==> flow/design.v <==
module core_add_core_p #(
    parameter W = 6
) (
    input wire clock,
    input wire [W-1:0] da,
    input wire [W-1:0] db,
    input wire ci,
    output wire [W-1:0] total,
    output wire carry
);
    reg [W-1:0] da_ff;
    reg [W-1:0] db_ff;
    reg ci_ff;
    reg [W-1:0] t;
    reg c;
    integer k;
    always @(*) begin
        c = ci_ff;
        for (k = 0; k < W; k = k + 1) begin
            t[k] = da_ff[k] ^ db_ff[k] ^ c;
            c = (da_ff[k] & db_ff[k]) | (c & (da_ff[k] | db_ff[k]));
        end
    end
    assign total = t;
    assign carry = c;
    always @(posedge clock) begin
        da_ff <= da;
        db_ff <= db;
        ci_ff <= ci;
    end
endmodule
---- From RTL to reports: core_add_core_p ----
The steps from the RTL of core_add_core_p to its reports follow in flow order.
Lines are those of the file above, counted from 1.
Cell names lack the library's common part.
Not given: --
inputs
  design top .............................. core_add_core_p
  clock input ............................. clock
  library ................................. sky130hd
  library corner .......................... tt_025C_1v80

---- Word-level counts ----
Counts by Yosys on the flattened word-level netlist (proc, flatten, opt, wreduce; memories kept). Register bits leave out memories and registers merged into their read ports (data or address); mux counts leave out enables and synchronous resets folded into registers. Print and check cells are left out. Cells with the same type and inputs are merged into one.
operators by class
  bitwise logic cells ..................... 36
operators by type and width
  cell               number
  1-bit bitwise AND  12
  1-bit OR           12
  1-bit XOR          12
storage and ports
  flip-flop bits (word level) ............. 13
  bits of input ports ..................... 14
  output and inout bits ................... 7
  word-level cells ........................ 39

---- Logic depth ----
Depth = most cells in a row (Yosys ltp): at word level without a register or memory, in the mapped netlist without a sequential cell, where the memories' decode and read muxes count.
logic depth
  depth in word-level cells ............... 13
  ABC_AREA ................................ 0
  gate-level depth with buffers ........... 10
  mapped depth without buffers ............ 10

---- Synthesis result ----
Source: synth_stat.txt of the flow (Yosys; design flattened, memories mapped). It holds for the ABC_AREA given above (unset counts as 0); a run with the other value may have another netlist.
The area totals of this step are shown rounded.
cell types
  cell     number  area in all (um^2)
  dfxtp_1  13      260.25
  fa_1     6       120.115
  inv_1    10      37.536
synthesis totals
  mapped cells ............................ 29
  chip area (Yosys) ....................... 420 um^2
  sequential area ......................... 260 um^2
  flip-flops .............................. 13
  buffer cells ............................ 0

---- Path before layout ----
OpenSTA on the mapped netlist: ideal clock, no wires. The path of least setup slack (recovery checks aside). Input and output delay are each 20% of the period. Register names are those of the netlist, which keeps one name where synthesis merged equal registers.
timing path after synthesis
  path type ............................... register to output
  start ................................... reg da_ff[0]
  end ..................................... out total[5]
  clock period ............................ 4.08 ns
  external output delay ................... 0.816 ns
  launch time at the first pin ............ 0.000 ns
  arrival time ............................ 2.612 ns
  data required time ...................... 3.264 ns
  slack ................................... 0.652 ns
  delay of the path ....................... 2.612 ns
  stages .................................. 11
  buffers on the path ..................... 0
  synthesis period reached ................ 3.428 ns
"delay of the path" is the arrival time less input delay plus setup time.
At an output port there is no setup time.
"stages": output pins that drive a net of the path, with the launching flip-flop's if there is one; two outputs of one cell count as two.
"synthesis period reached" is the clock period less the worst setup slack; recovery checks do not enter. This is arithmetic on one report: input and output delays are still those of the set period (20% each).
The rows between start and end are the longest chain of elaborated cells between them; the timing report does not say that the signal goes this way. Where chains are equally long, one stands for them.
Each line given opens the expression or statement behind the cell; cells for indexed reads and writes are added by Yosys, which also makes memories of some case tables.
on the way, after synthesis
  path through ............................ dfxtp_1 > fa_1 > fa_1 > fa_1 > inv_1 > fa_1 > inv_1 > fa_1 > inv_1 > fa_1 > inv_1
  length of the longest elaborated chain .. 12
  elaborated cells between the ends (all ways) .. 13
  source lines of those cells ............. 2
  classes of those cells .................. logic: 13
ends and longest elaborated chain, after synthesis
  element            RTL line  RTL
  from (decl)        11        reg [W-1:0] da_ff;
  from (assign)      27        da_ff <= da;
  1-bit OR           21        c = (da_ff[k] & db_ff[k]) | (c & (da_ff[k] | db_ff[k]));
  1-bit bitwise AND  21
  1-bit OR           21
  1-bit bitwise AND  21
  1-bit OR           21
  1-bit bitwise AND  21
  1-bit OR           21
  1-bit bitwise AND  21
  1-bit OR           21
  1-bit bitwise AND  21
  1-bit OR           21
  1-bit XOR          20        t[k] = da_ff[k] ^ db_ff[k] ^ c;
  to (decl)          8         output wire [W-1:0] total,

---- Path in the finished layout ----
From the final timing report of flow run C: the path of least setup slack in the routed layout; clock arrival at registers is part of the times.
timing path post-layout
  path type ............................... register to output
  start ................................... reg da_ff[0]
  end ..................................... out carry
  clock period ............................ 4.08 ns
  external output delay ................... 0.82 ns
  launch time at the first pin ............ 0.25 ns
  arrival time ............................ 3.10 ns
  data required time ...................... 3.26 ns
  slack ................................... 0.17 ns
  stages .................................. 12
  buffers on the path ..................... 1
The rows between start and end are the longest chain of elaborated cells between them; the timing report does not say that the signal goes this way. Where chains are equally long, one stands for them.
on the way, post-layout
  path through ............................ dfxtp_2 > fa_1 > fa_2 > fa_1 > inv_1 > fa_1 > inv_1 > fa_1 > inv_1 > fa_1 > inv_1 > clkdlybuf4s50_1
  length of the longest elaborated chain .. 13
  elaborated cells between the ends (all ways) .. 14
  source lines of those cells ............. 1
  classes of those cells .................. logic: 14
ends and longest elaborated chain, post-layout
  element            RTL line  RTL
  from (decl)        11        reg [W-1:0] da_ff;
  from (assign)      27        da_ff <= da;
  1-bit OR           21        c = (da_ff[k] & db_ff[k]) | (c & (da_ff[k] | db_ff[k]));
  1-bit bitwise AND  21
  1-bit OR           21
  1-bit bitwise AND  21
  1-bit OR           21
  1-bit bitwise AND  21
  1-bit OR           21
  1-bit bitwise AND  21
  1-bit OR           21
  1-bit bitwise AND  21
  1-bit OR           21
  1-bit bitwise AND  21
  1-bit OR           21
  to (decl)          9         output wire carry

Stored flow runs of core_add_core_p (3 of them; Yosys, OpenROAD, sky130hd). They differ in their settings and are not a sequence. Constraints: input delay and output delay 20% of the set period each, output load 0.01 pF.
By "achieved clock period" is meant the clock period of the run minus its worst setup slack. This is arithmetic on one report: input and output delays are still those of the set period (20% each).
"critical setup path time" is the time allowed to the run's worst setup path (the clock period less input and output delay, where it has them) less its slack. Clock arrival times count: a late capture clock shortens it, a late launch clock lengthens it.
"total design power": no workload was simulated; the value follows from the tool's default switching activity.
Results are given in rounded form.

======== flow run A ========
==> flow/run.sh <==
#!/bin/bash
# the make line also repeats the synthesis and layout settings of config.mk as NAME=value (left out here)
make -C /OpenROAD-flow-scripts/flow DESIGN_CONFIG=/design/flow/config.mk WORK_HOME=/design/flow/orfs CLKGATE_MAP_FILE= finish
==> flow/config.mk <==
export PLATFORM = sky130hd
export DESIGN_NAME = core_add_core_p
export DESIGN_NICKNAME = core_add_core_p
export VERILOG_FILES = /design/flow/design.v
export SDC_FILE = /design/flow/constraint.sdc
export NUM_CORES = 4
export LEC_CHECK = 0
export ABC_AREA = 1
export CAP_MARGIN = 20
export CORE_ASPECT_RATIO = 2.0
export CORE_MARGIN = 2
export CORE_UTILIZATION = 62
export GPL_TIMING_DRIVEN = 1
export HOLD_SLACK_MARGIN = -0.04
export PLACE_DENSITY_LB_ADDON = 0.14
export SLEW_MARGIN = 20
==> flow/constraint.sdc <==
create_clock -name core_clock -period 2.06 [get_ports {clock}]
set_input_delay 0.4120 -clock core_clock [delete_from_list [all_inputs] [get_ports {clock}]]
set_output_delay 0.4120 -clock core_clock [all_outputs]
set_load 0.01 [all_outputs]

-------- flow run A --------
  no final report: floorplanning broke off with PDN-0185

======== flow run B ========
==> flow/run.sh <==
#!/bin/bash
# the make line also repeats the synthesis and layout settings of config.mk as NAME=value (left out here)
make -C /OpenROAD-flow-scripts/flow DESIGN_CONFIG=/design/flow/config.mk WORK_HOME=/design/flow/orfs CLKGATE_MAP_FILE= finish
==> flow/config.mk <==
export PLATFORM = sky130hd
export DESIGN_NAME = core_add_core_p
export DESIGN_NICKNAME = core_add_core_p
export VERILOG_FILES = /design/flow/design.v
export SDC_FILE = /design/flow/constraint.sdc
export NUM_CORES = 4
export LEC_CHECK = 0
export CAP_MARGIN = 20
export CORE_MARGIN = 2
export CORE_UTILIZATION = 70
export GPL_TIMING_DRIVEN = 1
export PLACE_DENSITY_LB_ADDON = 0.19
export SLEW_MARGIN = 20
export TNS_END_PERCENT = 20
==> flow/constraint.sdc <==
create_clock -name core_clock -period 2.43 [get_ports {clock}]
set_input_delay 0.4860 -clock core_clock [delete_from_list [all_inputs] [get_ports {clock}]]
set_output_delay 0.4860 -clock core_clock [all_outputs]
set_load 0.01 [all_outputs]

-------- flow run B --------
  no final report: floorplanning broke off with PDN-0185

======== flow run C ========
==> flow/run.sh <==
#!/bin/bash
# the make line also repeats the synthesis and layout settings of config.mk as NAME=value (left out here)
make -C /OpenROAD-flow-scripts/flow DESIGN_CONFIG=/design/flow/config.mk WORK_HOME=/design/flow/orfs CLKGATE_MAP_FILE= finish
==> flow/config.mk <==
export PLATFORM = sky130hd
export DESIGN_NAME = core_add_core_p
export DESIGN_NICKNAME = core_add_core_p
export VERILOG_FILES = /design/flow/design.v
export SDC_FILE = /design/flow/constraint.sdc
export NUM_CORES = 4
export LEC_CHECK = 0
export CAP_MARGIN = 20
export CORE_MARGIN = 2
export CORE_UTILIZATION = 40
export SLEW_MARGIN = 20
==> flow/constraint.sdc <==
create_clock -name core_clock -period 4.08 [get_ports {clock}]
set_input_delay 0.8160 -clock core_clock [delete_from_list [all_inputs] [get_ports {clock}]]
set_output_delay 0.8160 -clock core_clock [all_outputs]
set_load 0.01 [all_outputs]

-------- measured, flow run C --------
  post-synthesis cell area ................ 420 um^2
  total die area .......................... 1300 um^2
  utilization in the final report ......... 69%
  worst slack on setup checks ............. 0.17 ns
  total negative setup slack .............. 0.000 ns
  worst hold slack in the final report .... 0.99 ns
  total design power ...................... 0.25 mW
  achieved clock period ................... 3.914 ns
  critical setup path time ................ 3.10 ns
  kind of the worst setup path ............ register to output
